==> flow/design.v <==
module regfile #(
  parameter integer NWORDS = 12,
  parameter integer NBITS = 48,
  parameter integer AWIDTH = $clog2(NWORDS)
) (
  input wire i_clk,
  input wire rst_ni,
  input wire we,
  input wire [AWIDTH-1:0] write_addr,
  input wire [NBITS-1:0] wd,
  input wire [AWIDTH-1:0] raddr_a,
  input wire [AWIDTH-1:0] raddr_b,
  output wire [NBITS-1:0] q_a,
  output wire [NBITS-1:0] q_b
);
  reg [NBITS-1:0] array [0:NWORDS-1];
  always @(posedge i_clk) begin
    if (we && write_addr != 0)
      array[write_addr] <= wd;
  end
  reg [NBITS-1:0] q_a_s;
  always @(posedge i_clk or negedge rst_ni) begin
    if (~rst_ni) begin
      q_a_s <= 0;
    end else begin
      q_a_s <= (raddr_a == 0) ? {NBITS{1'b0}} : array[raddr_a];
    end
  end
  assign q_a = q_a_s;
  reg [NBITS-1:0] q_b_s;
  always @(posedge i_clk or negedge rst_ni) begin
    if (~rst_ni) begin
      q_b_s <= 0;
    end else begin
      q_b_s <= (raddr_b == 0) ? {NBITS{1'b0}} : array[raddr_b];
    end
  end
  assign q_b = q_b_s;
endmodule
# Tool chain data of regfile

The steps from the RTL of regfile to its reports follow in flow order.
Lines are those of the file above, counted from 1.
Operators: Yosys type, input widths -> output width; for muxes data width and select width s.
A cell with n/a has no value.

Top module: regfile
Clock input: i_clk
Standard-cell library: sky130hd
Library corner: tt_025C_1v80

# Word-level counts

Counts by Yosys on the flattened word-level netlist (proc, flatten, opt, wreduce; memories kept). Register bits leave out memories and registers merged into their read ports (data or address); mux counts leave out enables and synchronous resets folded into registers. Print and check cells are left out. Cells with the same type and inputs are merged into one.
Yosys's memory passes give these memory sizes; they may raise the number of words (mostly to a power of two), join words into wider ones and drop unused or constant bits.

Register bits after elaboration: 96
Memory bits (writable): 576
Memories: 1
Input bits: 63
Output and inout port bits: 96
Elaborated cells: 12

Memory list:

| memory | words | bits a word | rd ports | write ports | line | RTL |
| array  | 12    | 48          | 2        | 1           | 16   | `reg [NBITS-1:0] array [0:NWORDS-1];` |

Multiplexer cells: 5
Reduce/logical cells: 4

Operator list:

| kind              | count |
| $mux 48           | 3 |
| $logic_not 4->1   | 2 |
| $reduce_bool 4->1 | 1 |
| $mux 4            | 1 |
| $logic_and 1x1->1 | 1 |
| $mux 1            | 1 |

# Logic depth

Yosys ltp: most cells in a row. Word level: on the elaborated netlist, between registers, memories and ports. Mapped: between sequential cells and ports; inverters and the memories' decode and read muxes count.

Word-level depth: 3
ABC_AREA: 0
Mapped depth: 6
Gate-level depth less buffers: 3

# Mapped cells and area

The flow's flattened synthesis, as Yosys stat reports it; memories are mapped. The netlist is that of the ABC_AREA named above (0 if unset); the other value can give another one.

Cell types:

| cell                       | count | total area (sq um) |
| sky130_fd_sc_hd__edfxtp_1  | 576   | 1.73E+04 |
| sky130_fd_sc_hd__mux4_2    | 183   | 4.12E+03 |
| sky130_fd_sc_hd__dfrtp_1   | 96    | 2.4E+03 |
| sky130_fd_sc_hd__mux2i_1   | 135   | 1.35E+03 |
| sky130_fd_sc_hd__mux2_2    | 71    | 799.517 |
| sky130_fd_sc_hd__a211oi_1  | 48    | 360.346 |
| sky130_fd_sc_hd__a22oi_1   | 38    | 285.274 |
| sky130_fd_sc_hd__a2bb2oi_1 | 26    | 227.718 |
| sky130_fd_sc_hd__o22a_1    | 26    | 227.718 |
| sky130_fd_sc_hd__buf_6     | 20    | 225.216 |
| sky130_fd_sc_hd__nor2_1    | 59    | 221.462 |
| sky130_fd_sc_hd__buf_2     | 41    | 205.197 |
| sky130_fd_sc_hd__a31oi_1   | 26    | 162.656 |
| sky130_fd_sc_hd__o22ai_1   | 26    | 162.656 |
| sky130_fd_sc_hd__mux4_1    | 5     | 131.376 |
| sky130_fd_sc_hd__buf_4     | 17    | 127.622 |
| sky130_fd_sc_hd__nand2_1   | 26    | 97.594 |
| sky130_fd_sc_hd__clkbuf_1  | 22    | 82.579 |

Not listed: further types 17, cells in them 28.

Cells in the netlist: 1,469
Cell area after synthesis: 28,748.8 sq um
Sequential area: 19,698.9 sq um
Flip-flop cells: 672
Buffers: 107

# Worst setup path after synthesis

OpenSTA on the mapped netlist: ideal clock, no wires. The path of least setup slack (recovery checks aside). Input and output delay are each 20% of the period. Register names are those of the netlist, which keeps one name where synthesis merged equal registers.

Kind: input port to flip-flop
Start point: in write_addr[2]
End point: mem array[8][0]
Clock period: 6,250 ps
External input delay: 1,250 ps
Setup time: 513 ps
Time at the first pin: 1,250 ps
Data arrival time: 4,740 ps
Data required time: 5,737 ps
Slack: 997 ps
Delay of the path: 4,003 ps
Stages on the path: 2
Path buffers: 0
Synthesis period reached: 5,253 ps

"delay of the path" = arrival - input delay + setup time.
"stages on the path" counts driving pins, that of a launching flip-flop among them; a cell with two outputs on the path counts twice.
"synthesis period reached" = period - worst setup slack (recovery checks aside). The figure is calculated, with input and output delays left at 20% of the set period.
The rows between start and end are the longest chain of elaborated cells between them; the timing report does not say that the signal goes this way. Where chains are equally long, one stands for them.
Each line given opens the expression or statement behind the cell; cells for indexed reads and writes are added by Yosys, which also makes memories of some case tables.
The path ends at the enable pin of a flip-flop; only ways to that pin are counted.

Path through: sky130_fd_sc_hd__nand3b_1 sky130_fd_sc_hd__nor3_1
Length of the longest elaborated chain: 3
Elaborated cells between the ends (all ways): 4
Source lines of those cells: 1
Classes of those cells: 2 x mux; 2 x reduce/logical

RTL lines, path after synthesis:

| item              | line | RTL |
| start, declared   | 9    | `input wire [AWIDTH-1:0] write_addr,` |
| $reduce_bool 4->1 | 18   | `if (we && write_addr != 0)` |
| $logic_and 1x1->1 | 18   |  |
| $mux 4            | 18   |  |
| end, declared     | 16   | `reg [NBITS-1:0] array [0:NWORDS-1];` |

# Timing after layout

From the final timing report of entry A: the path of least setup slack in the routed layout; clock arrival at registers is part of the times.
The report prints the path's times to 10 ps; the period is as set.

Kind: input port to flip-flop
Start point: in write_addr[2]
End point: mem array[9][40]
Clock period: 6,250 ps
External input delay: 1,250 ps
Setup time: 360 ps
Time at the first pin: 1,250 ps
Data arrival time: 3,520 ps
Data required time: 6,480 ps
Slack: 2,960 ps
Stages on the path: 4
Path buffers: 2

The rows between start and end are the longest chain of elaborated cells between them; the timing report does not say that the signal goes this way. Where chains are equally long, one stands for them.
The path ends at the enable pin of a flip-flop; only ways to that pin are counted.

Path through: sky130_fd_sc_hd__clkdlybuf4s50_1 sky130_fd_sc_hd__nand3b_1 sky130_fd_sc_hd__nor2_4 sky130_fd_sc_hd__buf_4
Length of the longest elaborated chain: 3
Elaborated cells between the ends (all ways): 4
Source lines of those cells: 1
Classes of those cells: 2 x mux; 2 x reduce/logical

RTL lines, path post-layout:

| item              | line | RTL |
| start, declared   | 9    | `input wire [AWIDTH-1:0] write_addr,` |
| $reduce_bool 4->1 | 18   | `if (we && write_addr != 0)` |
| $logic_and 1x1->1 | 18   |  |
| $mux 4            | 18   |  |
| end, declared     | 16   | `reg [NBITS-1:0] array [0:NWORDS-1];` |

Below are 3 stored runs of the flow (Yosys, OpenROAD; platform sky130hd) on regfile, each with its settings and what was measured, unordered. Constraints: input delay and output delay 20% of the set period each, output load 0.01 pF.
By "clock period reached" is meant the clock period of the run minus its worst setup slack. This is arithmetic on one report: input and output delays are still those of the set period (20% each).
"total design power" rests on the timing tool's default activity at the inputs, not on a simulated workload.

## Entry A

==> flow/run.sh <==
#!/bin/bash
# the make line also repeats the synthesis and layout settings of config.mk as NAME=value (left out here)
make -C /OpenROAD-flow-scripts/flow DESIGN_CONFIG=/design/flow/config.mk WORK_HOME=/design/flow/orfs CLKGATE_MAP_FILE= finish
==> flow/config.mk <==
export PLATFORM = sky130hd
export DESIGN_NAME = regfile
export DESIGN_NICKNAME = regfile
export VERILOG_FILES = /design/flow/design.v
export SDC_FILE = /design/flow/constraint.sdc
export NUM_CORES = 4
export LEC_CHECK = 0
export CAP_MARGIN = 20
export CORE_MARGIN = 2
export CORE_UTILIZATION = 40
export SLEW_MARGIN = 20
==> flow/constraint.sdc <==
create_clock -name core_clock -period 6.25 [get_ports {i_clk}]
set_input_delay 1.2500 -clock core_clock [delete_from_list [all_inputs] [get_ports {i_clk}]]
set_output_delay 1.2500 -clock core_clock [all_outputs]
set_load 0.01 [all_outputs]

| result of entry A | value |
|---|---|
| post-route setup TNS | 0 ps |
| final design utilization | 47.2% |
| standard-cell area after routing | 33,706.1 sq um |
| area inside the die boundary | 74,033.0 sq um |
| total design power | 0.01016 W |
| clock period reached | 3,288 ps |
| chip area after synthesis (Yosys) | 28,748.8 sq um |
| smallest setup slack | 2,962 ps |

## Entry B

==> flow/run.sh <==
#!/bin/bash
# the make line also repeats the synthesis and layout settings of config.mk as NAME=value (left out here)
make -C /OpenROAD-flow-scripts/flow DESIGN_CONFIG=/design/flow/config.mk WORK_HOME=/design/flow/orfs CLKGATE_MAP_FILE= finish
==> flow/config.mk <==
export PLATFORM = sky130hd
export DESIGN_NAME = regfile
export DESIGN_NICKNAME = regfile
export VERILOG_FILES = /design/flow/design.v
export SDC_FILE = /design/flow/constraint.sdc
export NUM_CORES = 4
export LEC_CHECK = 0
export CAP_MARGIN = 20
export CELL_PAD_IN_SITES_GLOBAL_PLACEMENT = 2
export CORE_MARGIN = 2
export CORE_UTILIZATION = 50
export CTS_CLUSTER_DIAMETER = 59
export HOLD_SLACK_MARGIN = 0.1
export PLACE_DENSITY_LB_ADDON = 0.24
export SETUP_SLACK_MARGIN = 0.72
export SLEW_MARGIN = 20
==> flow/constraint.sdc <==
create_clock -name core_clock -period 3.72 [get_ports {i_clk}]
set_input_delay 0.7440 -clock core_clock [delete_from_list [all_inputs] [get_ports {i_clk}]]
set_output_delay 0.7440 -clock core_clock [all_outputs]
set_load 0.01 [all_outputs]

| result of entry B | value |
|---|---|
| post-route setup TNS | 0 ps |
| final design utilization | 60.2% |
| standard-cell area after routing | 34,055.2 sq um |
| area inside the die boundary | 59,431.1 sq um |
| total design power | 0.017346 W |
| clock period reached | 2,411 ps |
| chip area after synthesis (Yosys) | 28,748.8 sq um |
| smallest setup slack | 1,309 ps |

## Entry C

==> flow/run.sh <==
#!/bin/bash
# the make line also repeats the synthesis and layout settings of config.mk as NAME=value (left out here)
make -C /OpenROAD-flow-scripts/flow DESIGN_CONFIG=/design/flow/config.mk WORK_HOME=/design/flow/orfs CLKGATE_MAP_FILE= finish
==> flow/config.mk <==
export PLATFORM = sky130hd
export DESIGN_NAME = regfile
export DESIGN_NICKNAME = regfile
export VERILOG_FILES = /design/flow/design.v
export SDC_FILE = /design/flow/constraint.sdc
export NUM_CORES = 4
export LEC_CHECK = 0
export ABC_AREA = 1
export CAP_MARGIN = 10
export CELL_PAD_IN_SITES_DETAIL_PLACEMENT = 0
export CORE_ASPECT_RATIO = 0.91
export CORE_MARGIN = 7
export CORE_UTILIZATION = 25
export GPL_ROUTABILITY_DRIVEN = 0
export MAX_ROUTING_LAYER = met5
export PLACE_DENSITY_LB_ADDON = 0.23
export SETUP_SLACK_MARGIN = 0.69
export SLEW_MARGIN = 20
==> flow/constraint.sdc <==
create_clock -name core_clock -period 5.3 [get_ports {i_clk}]
set_input_delay 1.0600 -clock core_clock [delete_from_list [all_inputs] [get_ports {i_clk}]]
set_output_delay 1.0600 -clock core_clock [all_outputs]
set_load 0.01 [all_outputs]

| result of entry C | value |
|---|---|
| post-route setup TNS | 0 ps |
| final design utilization | 30.0% |
| standard-cell area after routing | 37,751.2 sq um |
| area inside the die boundary | 137,228.0 sq um |
| total design power | 0.012674 W |
| clock period reached | 2,895 ps |
| chip area after synthesis (Yosys) | 31,760.5 sq um |
| smallest setup slack | 2,405 ps |
